==> flow/design.v <==
module rf #(
   parameter DEPTH = 48,
   parameter DW = 16,
   parameter AWIDTH = $clog2(DEPTH)
) (
   input  wire sys_clk,
   input  wire load_i,
   input  wire [AWIDTH-1:0] waddr_i,
   input  wire [DW-1:0] write_data_i,
   input  wire [AWIDTH-1:0] ra_a_i,
   input  wire [AWIDTH-1:0] ra_b_i,
   output wire [DW-1:0] rdata_a_o,
   output wire [DW-1:0] rdata_b_o
);
   reg [DW-1:0] bank [0:DEPTH-1];
   always @(posedge sys_clk) begin
      if (load_i)
         bank[waddr_i] <= write_data_i;
   end
   assign rdata_a_o = bank[ra_a_i];
   assign rdata_b_o = bank[ra_b_i];
endmodule
# == Step by step through the tools: rf ==
# What the tools print for rf, step after step.
# Lines are those of the file above, counted from 1.
# Not given: --
# design
design,rf
clock,sys_clk
cell_library,sky130hd
corner,tt_025C_1v80

# == Word level ==
# Yosys after proc, flatten, opt, wreduce and memory -nomap, before mapping. Enables and synchronous resets that opt folds into registers are not counted as muxes. Memory bits, and registers merged into a memory's read port (data or address), are not among the register bits. Print and check cells are not counted. Equal cells are merged and count once.
# Memory sizes are those after Yosys's memory passes, which may raise the word count (mostly to a power of two), join words into wider ones and drop unused or constant bits.
# bits
in_bits,36
word_cells,4
ramBits,768
reg_bits,0
memories,1
# op_classes
mux,3
# memory_table
name,words,width,read_ports,write_ports,line,source
bank,48,16,2,1,15,reg [DW-1:0] bank [0:DEPTH-1];
# op_table
op,n
16-bit two-way mux,1
6-bit two-way mux,1
1-bit two-way mux,1

# == Depth ==
# Yosys ltp: most cells in a row. Word level: on the elaborated netlist, between registers, memories and ports. Mapped: between sequential cells and ports; inverters and the memories' decode and read muxes count.
# depth
depth_word,1
ABC_AREA,0
depth_mapped,9

# == Mapped cells and area ==
# The flow's flattened synthesis, as Yosys stat reports it; memories are mapped. The netlist is that of the ABC_AREA named above (0 if unset); the other value can give another one.
# by_type
type,n,area_total_um2
sky130_fd_sc_hd__edfxtp_1,768,2.31E+04
sky130_fd_sc_hd__mux2i_1,512,5.12E+03
sky130_fd_sc_hd__mux4_2,160,3.6E+03
sky130_fd_sc_hd__a22oi_1,128,960.922
sky130_fd_sc_hd__a221oi_1,64,560.538
sky130_fd_sc_hd__a22o_1,64,560.538
sky130_fd_sc_hd__buf_6,40,450.432
sky130_fd_sc_hd__a21oi_1,64,320.307
sky130_fd_sc_hd__clkbuf_1,60,225.216
sky130_fd_sc_hd__o41ai_2,13,211.453
sky130_fd_sc_hd__o22ai_1,32,200.192
sky130_fd_sc_hd__nor2_1,48,180.173
sky130_fd_sc_hd__o41ai_1,19,166.41
sky130_fd_sc_hd__buf_4,21,157.651
sky130_fd_sc_hd__nand2_1,40,150.144
sky130_fd_sc_hd__buf_2,27,135.13
sky130_fd_sc_hd__buf_1,24,90.086
sky130_fd_sc_hd__nand2b_1,7,43.792
# Other cell types: 12; their cells: 25.
# synth_totals
seqArea_um2,23062.1
mapped_cells,2116
mapped_area_um2,36361.1
flip_flops,768

# == Timing after synthesis ==
# OpenSTA on the mapped netlist: ideal clock, no wires. The path of least setup slack (recovery checks aside). Input and output delay are each 20% of the period. Register names are those of the netlist, which keeps one name where synthesis merged equal registers.
# synth_timing
kind,input-to-output
startpoint,in ra_a_i[2]
endpoint,out rdata_a_o[10]
input_delay_ns,0.676
clock_period_ns,3.38
t_first_pin_ns,0.676
out_delay_ns,0.676
arrival_ns,2.296
path_slack_ns,0.408
delay_ns,1.620
path_stages,8
period_less_setup_slack_ns,2.972
# "delay_ns" = arrival - input delay + setup time.
# At an output port there is no setup time.
# "path_stages": output pins that drive a net of the path, with the launching flip-flop's if there is one; two outputs of one cell count as two.
# "period_less_setup_slack_ns" is the clock period less the worst setup slack; recovery checks do not enter. This is arithmetic on one report: input and output delays are still those of the set period (20% each).
# Between the ends stands the longest chain of elaborated cells between them, by number of cells; it is not shown to be the way that was timed. Of several equally long chains one is given.
# Each line given opens the expression or statement behind the cell; cells for indexed reads and writes are added by Yosys, which also makes memories of some case tables.
# A memory read counts as a cell of the chain, while the word-level depth stops at memories.
# synth_between
path_cell_list,sky130_fd_sc_hd__buf_6 sky130_fd_sc_hd__and2_1 sky130_fd_sc_hd__buf_2 sky130_fd_sc_hd__buf_2 sky130_fd_sc_hd__a22o_1 sky130_fd_sc_hd__a221oi_1 sky130_fd_sc_hd__o22ai_1 sky130_fd_sc_hd__o41ai_1
elab_chain_len,1
# synth_lines
element,line,source
"start, declared",10,"input  wire [AWIDTH-1:0] ra_a_i,"
memory 48 x 16 bit,15,reg [DW-1:0] bank [0:DEPTH-1];
"end, declared",12,"output wire [DW-1:0] rdata_a_o,"

# == Path in the finished layout ==
# Path of least setup slack in the final report of run 3 (OpenROAD, finished layout, wires in). Where an end is a register, its clock arrival counts in the times.
# layout_timing
kind,input-to-output
startpoint,in ra_b_i[0]
endpoint,out rdata_b_o[15]
input_delay_ns,0.68
t_first_pin_ns,0.68
out_delay_ns,0.68
path_slack_ns,-0.12
path_stages,9
clock_period_ns,3.38
arrival_ns,2.82
# Between the ends stands the longest chain of elaborated cells between them, by number of cells; it is not shown to be the way that was timed. Of several equally long chains one is given.
# A memory read counts as a cell of the chain, while the word-level depth stops at memories.
# layout_between
path_cell_list,sky130_fd_sc_hd__buf_16 sky130_fd_sc_hd__buf_16 sky130_fd_sc_hd__buf_4 sky130_fd_sc_hd__buf_12 sky130_fd_sc_hd__mux4_2 sky130_fd_sc_hd__mux4_2 sky130_fd_sc_hd__nand2_1 sky130_fd_sc_hd__o41ai_4 sky130_fd_sc_hd__buf_2
elab_chain_len,1
# layout_lines
element,line,source
"start, declared",11,"input  wire [AWIDTH-1:0] ra_b_i,"
memory 48 x 16 bit,15,reg [DW-1:0] bank [0:DEPTH-1];
"end, declared",13,output wire [DW-1:0] rdata_b_o

Subject: rf on sky130hd, stored results

Hello all,

Measured results for rf: 3 stored runs of the Yosys and OpenROAD flow on sky130hd. The settings differ; the order carries no meaning. The constraints put input and output delay at 20% of the set period each and load the outputs with 0.01 pF.
"achievedPeriod_ns" means the clock period less the worst setup slack. The figure is calculated, with input and output delays left at 20% of the set period.
"worst_path_ns": the worst setup path's part of the clock period (all of it between registers, 20% less for each end at a port) less its slack. A launch clock that arrives late makes it longer, a capture clock that arrives late makes it shorter.
By "design_power_mw" is meant OpenSTA's value without simulated activity: inputs other than the clock are taken to toggle once in ten clock periods, and the tool carries that through the logic.

Run 1, flow files:
==> flow/run.sh <==
#!/bin/bash
# the make line also repeats the synthesis and layout settings of config.mk as NAME=value (left out here)
make -C /OpenROAD-flow-scripts/flow DESIGN_CONFIG=/design/flow/config.mk WORK_HOME=/design/flow/orfs CLKGATE_MAP_FILE= finish
==> flow/config.mk <==
export PLATFORM = sky130hd
export DESIGN_NAME = rf
export DESIGN_NICKNAME = rf
export VERILOG_FILES = /design/flow/design.v
export SDC_FILE = /design/flow/constraint.sdc
export NUM_CORES = 4
export LEC_CHECK = 0
export CAP_MARGIN = 20
export CELL_PAD_IN_SITES_GLOBAL_PLACEMENT = 3
export CORE_MARGIN = 2
export CORE_UTILIZATION = 67
export CTS_CLUSTER_SIZE = 39
export GPL_ROUTABILITY_DRIVEN = 0
export MAX_ROUTING_LAYER = met4
export MIN_ROUTING_LAYER = met2
export PLACE_DENSITY_LB_ADDON = 0.3
export SETUP_SLACK_MARGIN = 0.35
export SLEW_MARGIN = 20
export TNS_END_PERCENT = 90
==> flow/constraint.sdc <==
create_clock -name core_clock -period 4.39 [get_ports {sys_clk}]
set_input_delay 0.8780 -clock core_clock [delete_from_list [all_inputs] [get_ports {sys_clk}]]
set_output_delay 0.8780 -clock core_clock [all_outputs]
set_load 0.01 [all_outputs]

Run 1: did not finish, placement stopped with FLW-0024

Run 2, flow files:
==> flow/run.sh <==
#!/bin/bash
# the make line also repeats the synthesis and layout settings of config.mk as NAME=value (left out here)
make -C /OpenROAD-flow-scripts/flow DESIGN_CONFIG=/design/flow/config.mk WORK_HOME=/design/flow/orfs CLKGATE_MAP_FILE= finish
==> flow/config.mk <==
export PLATFORM = sky130hd
export DESIGN_NAME = rf
export DESIGN_NICKNAME = rf
export VERILOG_FILES = /design/flow/design.v
export SDC_FILE = /design/flow/constraint.sdc
export NUM_CORES = 4
export LEC_CHECK = 0
export ABC_AREA = 1
export CAP_MARGIN = 5
export CORE_ASPECT_RATIO = 0.7
export CORE_MARGIN = 9
export CORE_UTILIZATION = 72
export CTS_CLUSTER_DIAMETER = 32
export MAX_ROUTING_LAYER = met5
export MIN_ROUTING_LAYER = met2
export PLACE_DENSITY_LB_ADDON = 0.16
export SETUP_SLACK_MARGIN = 1.27
export SLEW_MARGIN = 20
==> flow/constraint.sdc <==
create_clock -name core_clock -period 4.86 [get_ports {sys_clk}]
set_input_delay 0.9720 -clock core_clock [delete_from_list [all_inputs] [get_ports {sys_clk}]]
set_output_delay 0.9720 -clock core_clock [all_outputs]
set_load 0.01 [all_outputs]

Run 2: did not finish, routing stopped with GRT-0116

Run 3, flow files:
==> flow/run.sh <==
#!/bin/bash
# the make line also repeats the synthesis and layout settings of config.mk as NAME=value (left out here)
make -C /OpenROAD-flow-scripts/flow DESIGN_CONFIG=/design/flow/config.mk WORK_HOME=/design/flow/orfs CLKGATE_MAP_FILE= finish
==> flow/config.mk <==
export PLATFORM = sky130hd
export DESIGN_NAME = rf
export DESIGN_NICKNAME = rf
export VERILOG_FILES = /design/flow/design.v
export SDC_FILE = /design/flow/constraint.sdc
export NUM_CORES = 4
export LEC_CHECK = 0
export CAP_MARGIN = 20
export CORE_MARGIN = 2
export CORE_UTILIZATION = 40
export SLEW_MARGIN = 20
==> flow/constraint.sdc <==
create_clock -name core_clock -period 3.38 [get_ports {sys_clk}]
set_input_delay 0.6760 -clock core_clock [delete_from_list [all_inputs] [get_ports {sys_clk}]]
set_output_delay 0.6760 -clock core_clock [all_outputs]
set_load 0.01 [all_outputs]

==> results of run 3, as CSV <==
result,value
dieArea_um2,93330.2
finish.stdcell_area_um2,46235.6
setupTns_ns,-0.821
worst_setup_slack_ns,-0.117
design_power_mw,22.344
util_frac,0.514
synth_chip_area_um2,36361.1
worst_path_ns,2.15
path_kind,"input-to-output"
achievedPeriod_ns,3.497

Thanks
